==> flow/design.v <==
module full_adder (
    input wire a,
    input wire b,
    input wire ci,
    output wire s,
    output wire co
);
    assign {co, s} = a + b + ci;
endmodule
module sync_add_core_rtl #(
    parameter DW = 20
) (
    input  ck,
    input  [DW-1:0] u,
    input  [DW-1:0] v,
    input  cy_in,
    output reg [DW-1:0] result,
    output reg ovf
);
    wire [DW-1:0] val;
    wire [DW:0] cy;
    assign cy[0] = cy_in;
    genvar i;
    generate
        for (i = 0; i < DW; i = i + 1) begin : stage
            full_adder u0 (.a(u[i]), .b(v[i]), .ci(cy[i]), .s(val[i]), .co(cy[i+1]));
        end
    endgenerate
    always @(posedge ck) begin
        result <= val;
        ovf <= cy[DW];
    end
endmodule
# ---- Reports on sync_add_core_rtl
# Tool output for the design above, in the order of the flow.
# Lines are those of the file above, counted from 1.
# Operators: Yosys type, input widths -> output width; for muxes data width and select width s.
# Not given: -
dict set report setup {
  top_module {sync_add_core_rtl}
  clock_port {ck}
  lib {sky130hd}
  corner {tt_025C_1v80}
}

# ---- Word-level counts
# Counts by Yosys on the flattened word-level netlist (proc, flatten, opt, wreduce; memories kept). Register bits leave out memories and registers merged into their read ports (data or address); mux counts leave out enables and synchronous resets folded into registers. Print and check cells are left out. Cells with the same type and inputs are merged into one.
dict set report bits {
  reg_bits 21
  elab_cells 42
  output_inout_bits 21
}
dict set report classes {
  n_addsub 40
}
# op n
set ops {}
lappend ops {{$add 1x1->2} 20}
lappend ops {{$add 2x1->2} 20}

# ---- Depth
# Yosys ltp: most cells in a row. Word level: on the elaborated netlist, between registers, memories and ports. Mapped: between sequential cells and ports; inverters and the memories' decode and read muxes count.
dict set report logic_depth {
  word_depth 21
  ABC_AREA 0
  ltp_mapped 24
}

# ---- Mapped cells and area
# The flow's flattened synthesis, as Yosys stat reports it; memories are mapped. The netlist is that of the ABC_AREA named above (0 if unset); the other value can give another one.
# Totals and module areas in this step are rounded.
# type n
set by_type {}
lappend by_type {sky130_fd_sc_hd__dfxtp_1 21}
lappend by_type {sky130_fd_sc_hd__fa_1 20}
lappend by_type {sky130_fd_sc_hd__inv_1 10}
dict set report mapped {
  ff_cells 21
  cells 51
  synth_area_um2 860
}
# By module: a second synthesis without flattening, with its own total; a netlist apart from the flattened one above.
dict set report unflattened {
  cells_unflattened 41
  hier_area_um2 820
}
# Rows give one instance, submodules left out.
# module area_um2 cells n_inst
set modules {}
lappend modules {sync_add_core_rtl 420 21 1}
lappend modules {full_adder 20 1 20}

# ---- Worst setup path after synthesis
# Source: OpenSTA report_checks on the synthesized netlist (no wires, ideal clock, input and output delay 20% of the period each), path of least setup slack; recovery checks are left aside. Register names are those of the netlist, which keeps one name where synthesis merged equal registers.
dict set report synth_path {
  kind {input -> register}
  from {in u[0]}
  to {reg result[19]}
  setup_time_ns 0.057
  input_delay_ns 2.380
  clock_period_ns 11.9
  launch_ns 2.380
  path_buffers 0
  path_stages 24
  t_arrival_ns 9.947
  delay_ns 7.624
  slack_ns 1.896
  period_less_setup_slack_ns 10.004
}
# "delay_ns" is the arrival time less input delay plus setup time.
# "path_stages" counts driving pins, that of a launching flip-flop among them; a cell with two outputs on the path counts twice.
# "period_less_setup_slack_ns" is the clock period less the worst setup slack; recovery checks do not enter. This is arithmetic on one report: input and output delays are still those of the set period (20% each).
# The rows between start and end are the longest chain of elaborated cells between them; the timing report does not say that the signal goes this way. Where chains are equally long, one stands for them.
# A line is the first line of the expression or statement that the cell stems from. Yosys adds cells for indexed reads and writes and turns some case tables into memories.
dict set report synth_via {
  cell_sequence {sky130_fd_sc_hd__inv_1 sky130_fd_sc_hd__fa_1 sky130_fd_sc_hd__inv_1 sky130_fd_sc_hd__fa_1 sky130_fd_sc_hd__fa_1 sky130_fd_sc_hd__fa_1 sky130_fd_sc_hd__fa_1 sky130_fd_sc_hd__fa_1 sky130_fd_sc_hd__fa_1 sky130_fd_sc_hd__fa_1 sky130_fd_sc_hd__fa_1 sky130_fd_sc_hd__fa_1 sky130_fd_sc_hd__fa_1 sky130_fd_sc_hd__fa_1 sky130_fd_sc_hd__fa_1 sky130_fd_sc_hd__fa_1 sky130_fd_sc_hd__fa_1 sky130_fd_sc_hd__fa_1 sky130_fd_sc_hd__fa_1 sky130_fd_sc_hd__fa_1 sky130_fd_sc_hd__fa_1 sky130_fd_sc_hd__inv_1 sky130_fd_sc_hd__fa_1 sky130_fd_sc_hd__inv_1}
  elab_chain_len 21
  cells_between 21
  classes_between {21 x add/sub}
}
# element line
set synth_rtl {}
lappend synth_rtl {{start, declared} 14} ;# input  [DW-1:0] u,
lappend synth_rtl {{$add 1x1->2} 8} ;# assign {co, s} = a + b + ci;
lappend synth_rtl {{$add 2x1->2 x20} 8}
lappend synth_rtl {{end, assigned} 30} ;# result <= val;
lappend synth_rtl {{end, declared} 17} ;# output reg [DW-1:0] result,

# ---- Timing after layout
# From the final timing report of run 2: the path of least setup slack in the routed layout; clock arrival at registers is part of the times.
dict set report layout_path {
  kind {input -> register}
  from {in u[0]}
  to {reg result[19]}
  launch_ns 2.38
  input_delay_ns 2.38
  t_arrival_ns 10.64
  path_buffers 1
  setup_time_ns 0.04
  path_stages 25
  slack_ns 1.51
  clock_period_ns 11.9
}
# The rows between start and end are the longest chain of elaborated cells between them; the timing report does not say that the signal goes this way. Where chains are equally long, one stands for them.
dict set report layout_via {
  cell_sequence {sky130_fd_sc_hd__clkdlybuf4s50_1 sky130_fd_sc_hd__inv_1 sky130_fd_sc_hd__fa_1 sky130_fd_sc_hd__inv_1 sky130_fd_sc_hd__fa_1 sky130_fd_sc_hd__fa_1 sky130_fd_sc_hd__fa_1 sky130_fd_sc_hd__fa_1 sky130_fd_sc_hd__fa_1 sky130_fd_sc_hd__fa_1 sky130_fd_sc_hd__fa_1 sky130_fd_sc_hd__fa_1 sky130_fd_sc_hd__fa_1 sky130_fd_sc_hd__fa_1 sky130_fd_sc_hd__fa_1 sky130_fd_sc_hd__fa_1 sky130_fd_sc_hd__fa_1 sky130_fd_sc_hd__fa_1 sky130_fd_sc_hd__fa_1 sky130_fd_sc_hd__fa_1 sky130_fd_sc_hd__fa_1 sky130_fd_sc_hd__fa_1 sky130_fd_sc_hd__inv_1 sky130_fd_sc_hd__fa_1 sky130_fd_sc_hd__inv_1}
  elab_chain_len 21
  cells_between 21
  classes_between {21 x add/sub}
}
# element line
set layout_rtl {}
lappend layout_rtl {{start, declared} 14} ;# input  [DW-1:0] u,
lappend layout_rtl {{$add 1x1->2} 8} ;# assign {co, s} = a + b + ci;
lappend layout_rtl {{$add 2x1->2 x20} 8}
lappend layout_rtl {{end, assigned} 30} ;# result <= val;
lappend layout_rtl {{end, declared} 17} ;# output reg [DW-1:0] result,

# Design sync_add_core_rtl on sky130hd. What follows are 3 stored runs of the flow, each under its own settings; their order means nothing. The constraints put input and output delay at 20% of the set period each and load the outputs with 0.01 pF.
# "period_reached_ns" is the run's clock period less its worst setup slack. It is reckoned from that one timing run; input and output delays stay at 20% of the period that was set.
# "worst_path_allowed_less_slack_ns": the worst setup path's part of the clock period (all of it between registers, 20% less for each end at a port) less its slack. A launch clock that arrives late makes it longer, a capture clock that arrives late makes it shorter.
# "design_power_uw" rests on the timing tool's default activity at the inputs, not on a simulated workload.
# The measured numbers are rounded.
run="run 1" settings period_ns=16.4 CORE_UTILIZATION=69 SETUP_SLACK_MARGIN=2.97 PLACE_DENSITY=0.62 CELL_PAD_IN_SITES_GLOBAL_PLACEMENT=3 CTS_CLUSTER_DIAMETER=263 MIN_ROUTING_LAYER="met2" CAP_MARGIN=20 CORE_MARGIN=2 SLEW_MARGIN=20
run="run 1" outcome="stopped before the end: placement reported GPL-0301"
run="run 2" settings period_ns=11.9 CAP_MARGIN=20 CORE_MARGIN=2 CORE_UTILIZATION=40 SLEW_MARGIN=20
run="run 2" results synth_area_um2=860 design_die_area_um2=2500 cell_area_final_um2=1500 finalUtil_pct=77 worstSetupSlack_ns=1.5 design_power_uw=190 period_reached_ns=10.386 worst_path_allowed_less_slack_ns=8.01 timing.worst_path_kind="input -> register"
run="run 3" settings period_ns=12.8 CORE_UTILIZATION=55 SETUP_SLACK_MARGIN=1.23 PLACE_DENSITY=0.9 CORE_MARGIN=9 CELL_PAD_IN_SITES_DETAIL_PLACEMENT=2 GPL_TIMING_DRIVEN=1 GPL_ROUTABILITY_DRIVEN=0 CTS_CLUSTER_DIAMETER=230 MIN_ROUTING_LAYER="met1" CAP_MARGIN=20 SLEW_MARGIN=20
run="run 3" outcome="stopped before the end: placement reported GPL-0301"
